==> flow/design.v <==
module sync_as_core_n #(
  parameter int WIDTH = 24
) (
  input  logic aclk,
  input  logic adv,
  input  logic [WIDTH-1:0] in0,
  input  logic [WIDTH-1:0] in1,
  output logic [WIDTH:0] res,
  output logic [WIDTH:0] result
);
  logic [WIDTH-1:0] in0_ff;
  logic [WIDTH-1:0] in1_ff;
  always_ff @(posedge aclk) begin
    if (adv) begin
      in0_ff <= in0;
      in1_ff <= in1;
      res <= in0_ff + in1_ff;
      result <= in0_ff - in1_ff;
    end
  end
endmodule
# ---- Tool chain data of sync_as_core_n
# The steps from the RTL of sync_as_core_n to its reports follow in flow order.
# Lines are those of the file above, counted from 1.
# Cell names lack the library's common part.
# The mark n/a stands for no value.
dict set report setup {
  top {sync_as_core_n}
  clk_port {aclk}
  lib {sky130hd}
  lib_corner {tt_025C_1v80}
}

# ---- Elaborated design
# Yosys after proc, flatten, opt, wreduce and memory -nomap, before mapping. Enables and synchronous resets that opt folds into registers are not counted as muxes. Memory bits, and registers merged into a memory's read port (data or address), are not among the register bits. Print and check cells are not counted. Equal cells are merged and count once.
dict set report word_totals {
  register_bits 98
  inputBits 50
  output_inout_bits 50
  elab_cells 6
}
dict set report classes {
  add_sub_neg 2
}
# operator n
set ops {}
lappend ops {{adder 24 x 24 -> 25 bit} 1}
lappend ops {{subtractor 24 x 24 -> 25 bit} 1}

# ---- Logic depth
# Depth = most cells in a row (Yosys ltp): at word level without a register or memory, in the mapped netlist without a sequential cell, where the memories' decode and read muxes count.
dict set report depth {
  ltp_word 1
  abc_area 0
  mapped_depth 10
  ltp_nobuf 10
}

# ---- Netlist
# Source: synth_stat.txt of the flow (Yosys; design flattened, memories mapped). It holds for the ABC_AREA given above (unset counts as 0); a run with the other value may have another netlist.
# Totals and module areas in this step are rounded.
# cell_type n area_total_um2
set types {}
lappend types {edfxtp_1 97 2.91E+03}
lappend types {ha_1 48 600.576}
lappend types {xnor2_1 38 332.819}
lappend types {a21oi_1 49 245.235}
lappend types {inv_1 43 161.405}
lappend types {o31ai_1 15 112.608}
lappend types {nor2_1 28 105.101}
lappend types {nand2_1 16 60.058}
lappend types {nand2b_1 9 56.304}
lappend types {o21bai_1 7 52.55}
lappend types {nor2b_1 8 50.048}
lappend types {nor4_1 8 50.048}
lappend types {a21o_1 6 45.043}
lappend types {buf_4 6 45.043}
lappend types {nor3_1 9 45.043}
lappend types {o21ai_0 9 45.043}
lappend types {xor2_1 5 43.792}
lappend types {buf_2 8 40.038}
# Other cell types: 41; their cells: 66.
dict set report mapped {
  stdcells 475
  synth_area_um2 5600
  sequential_area_um2 2910
  flip_flops 97
  buf_cells 21
}

# ---- Timing after synthesis
# OpenSTA on the mapped netlist: ideal clock, no wires. The path of least setup slack (recovery checks aside). Input and output delay are each 20% of the period. Register names are those of the netlist, which keeps one name where synthesis merged equal registers.
dict set report synth_path {
  path_kind {reg-to-reg}
  start {register in1_ff[0]}
  end {register result[24]}
  clock_period_ns 3.09
  setup_ns 0.261
  launch_ns 0.000
  t_arrival_ns 2.211
  t_required_ns 2.829
  setup_slack_ns 0.618
  delay_ns 2.472
  path_stages 10
  path_buffers 0
  period_less_setup_slack_ns 2.472
}
# "delay_ns" = arrival - input delay + setup time.
# "path_stages" counts driving pins, that of a launching flip-flop among them; a cell with two outputs on the path counts twice.
# "period_less_setup_slack_ns" = period - worst setup slack (recovery checks aside). The figure is calculated, with input and output delays left at 20% of the set period.
# Between the ends stands the longest chain of elaborated cells between them, by number of cells; it is not shown to be the way that was timed. Of several equally long chains one is given.
# A line is the first line of the expression or statement that the cell stems from. Yosys adds cells for indexed reads and writes and turns some case tables into memories.
dict set report synth_via {
  cell_sequence {edfxtp_1 ha_1 fa_1 nand2b_1 a21oi_1 o2111ai_1 o31ai_1 a31oi_1 o21ai_0 a21oi_1}
  elab_chain_len 1
  cone_cells 1
  cone_lines 1
  cone_classes {add/sub: 1}
}
# element line
set synth_lines {}
lappend synth_lines {{start: declaration} 12} ;# logic [WIDTH-1:0] in1_ff;
lappend synth_lines {{start: assignment} 16} ;# in1_ff <= in1;
lappend synth_lines {{subtractor 24 x 24 -> 25 bit} 18} ;# result <= in0_ff - in1_ff;
lappend synth_lines {{end: assignment} 18}
lappend synth_lines {{end: declaration} 9} ;# output logic [WIDTH:0] result

# ---- Worst path after layout
# Path of least setup slack in the final report of record 2 (OpenROAD, finished layout, wires in). Where an end is a register, its clock arrival counts in the times.
dict set report layout_path {
  path_kind {reg-to-reg}
  start {register in1_ff[0]}
  end {register res[24]}
  clock_period_ns 2.11
  setup_ns 0.26
  launch_ns 0.36
  t_arrival_ns 2.71
  t_required_ns 2.21
  setup_slack_ns -0.49
  path_stages 11
  path_buffers 1
}
# Between the ends stands the longest chain of elaborated cells between them, by number of cells; it is not shown to be the way that was timed. Of several equally long chains one is given.
dict set report layout_via {
  cell_sequence {edfxtp_1 ha_2 fa_2 nor2b_4 o211ai_1 buf_4 a211oi_2 nor2_2 o21ai_2 a2111oi_2 a21oi_1}
  elab_chain_len 1
  cone_cells 1
  cone_lines 1
  cone_classes {add/sub: 1}
}
# element line
set layout_lines {}
lappend layout_lines {{start: declaration} 12} ;# logic [WIDTH-1:0] in1_ff;
lappend layout_lines {{start: assignment} 16} ;# in1_ff <= in1;
lappend layout_lines {{adder 24 x 24 -> 25 bit} 17} ;# res <= in0_ff + in1_ff;
lappend layout_lines {{end: assignment} 17}
lappend layout_lines {{end: declaration} 8} ;# output logic [WIDTH:0] res,

# Measured results for sync_as_core_n: 3 stored runs of the Yosys and OpenROAD flow on sky130hd. The settings differ; the order carries no meaning. The constraints put input and output delay at 20% of the set period each and load the outputs with 0.01 pF.
# "worstPathTime_ns" is the time allowed to the run's worst setup path (the clock period less input and output delay, where it has them) less its slack. Clock arrival times count: a late capture clock shortens it, a late launch clock lengthens it.
# Results are given in rounded form.
run="record 1" settings period_ns=3.2 CORE_UTILIZATION=67 HOLD_SLACK_MARGIN=-0.0 CELL_PAD_IN_SITES_DETAIL_PLACEMENT=2 ABC_AREA=0 CAP_MARGIN=20 CORE_MARGIN=2 SLEW_MARGIN=20
run="record 1" outcome="no final report: placement broke off with DPL-0033"
run="record 2" settings period_ns=2.11 CORE_UTILIZATION=34 PLACE_DENSITY_LB_ADDON=0.22 CELL_PAD_IN_SITES_GLOBAL_PLACEMENT=0 CELL_PAD_IN_SITES_DETAIL_PLACEMENT=1 TNS_END_PERCENT=55 ABC_AREA=0 GPL_TIMING_DRIVEN=1 GPL_ROUTABILITY_DRIVEN=1 CTS_CLUSTER_DIAMETER=228 MIN_ROUTING_LAYER="met1" MAX_ROUTING_LAYER="met5" CAP_MARGIN=20 CORE_MARGIN=2 SLEW_MARGIN=20
run="record 2" results finish.stdcell_area_um2=9050 worstPathTime_ns=2.60 worst_setup_path_type="reg-to-reg" setup_ws_ns=-0.495 total_die_area_um2=17500 fin_util_frac=0.566 synthesis_area_um2=5600
run="record 3" settings period_ns=3.09 CAP_MARGIN=20 CORE_MARGIN=2 CORE_UTILIZATION=40 SLEW_MARGIN=20
run="record 3" results finish.stdcell_area_um2=7020 worstPathTime_ns=2.90 worst_setup_path_type="reg-to-reg" setup_ws_ns=0.187 total_die_area_um2=15000 fin_util_frac=0.51 synthesis_area_um2=5600
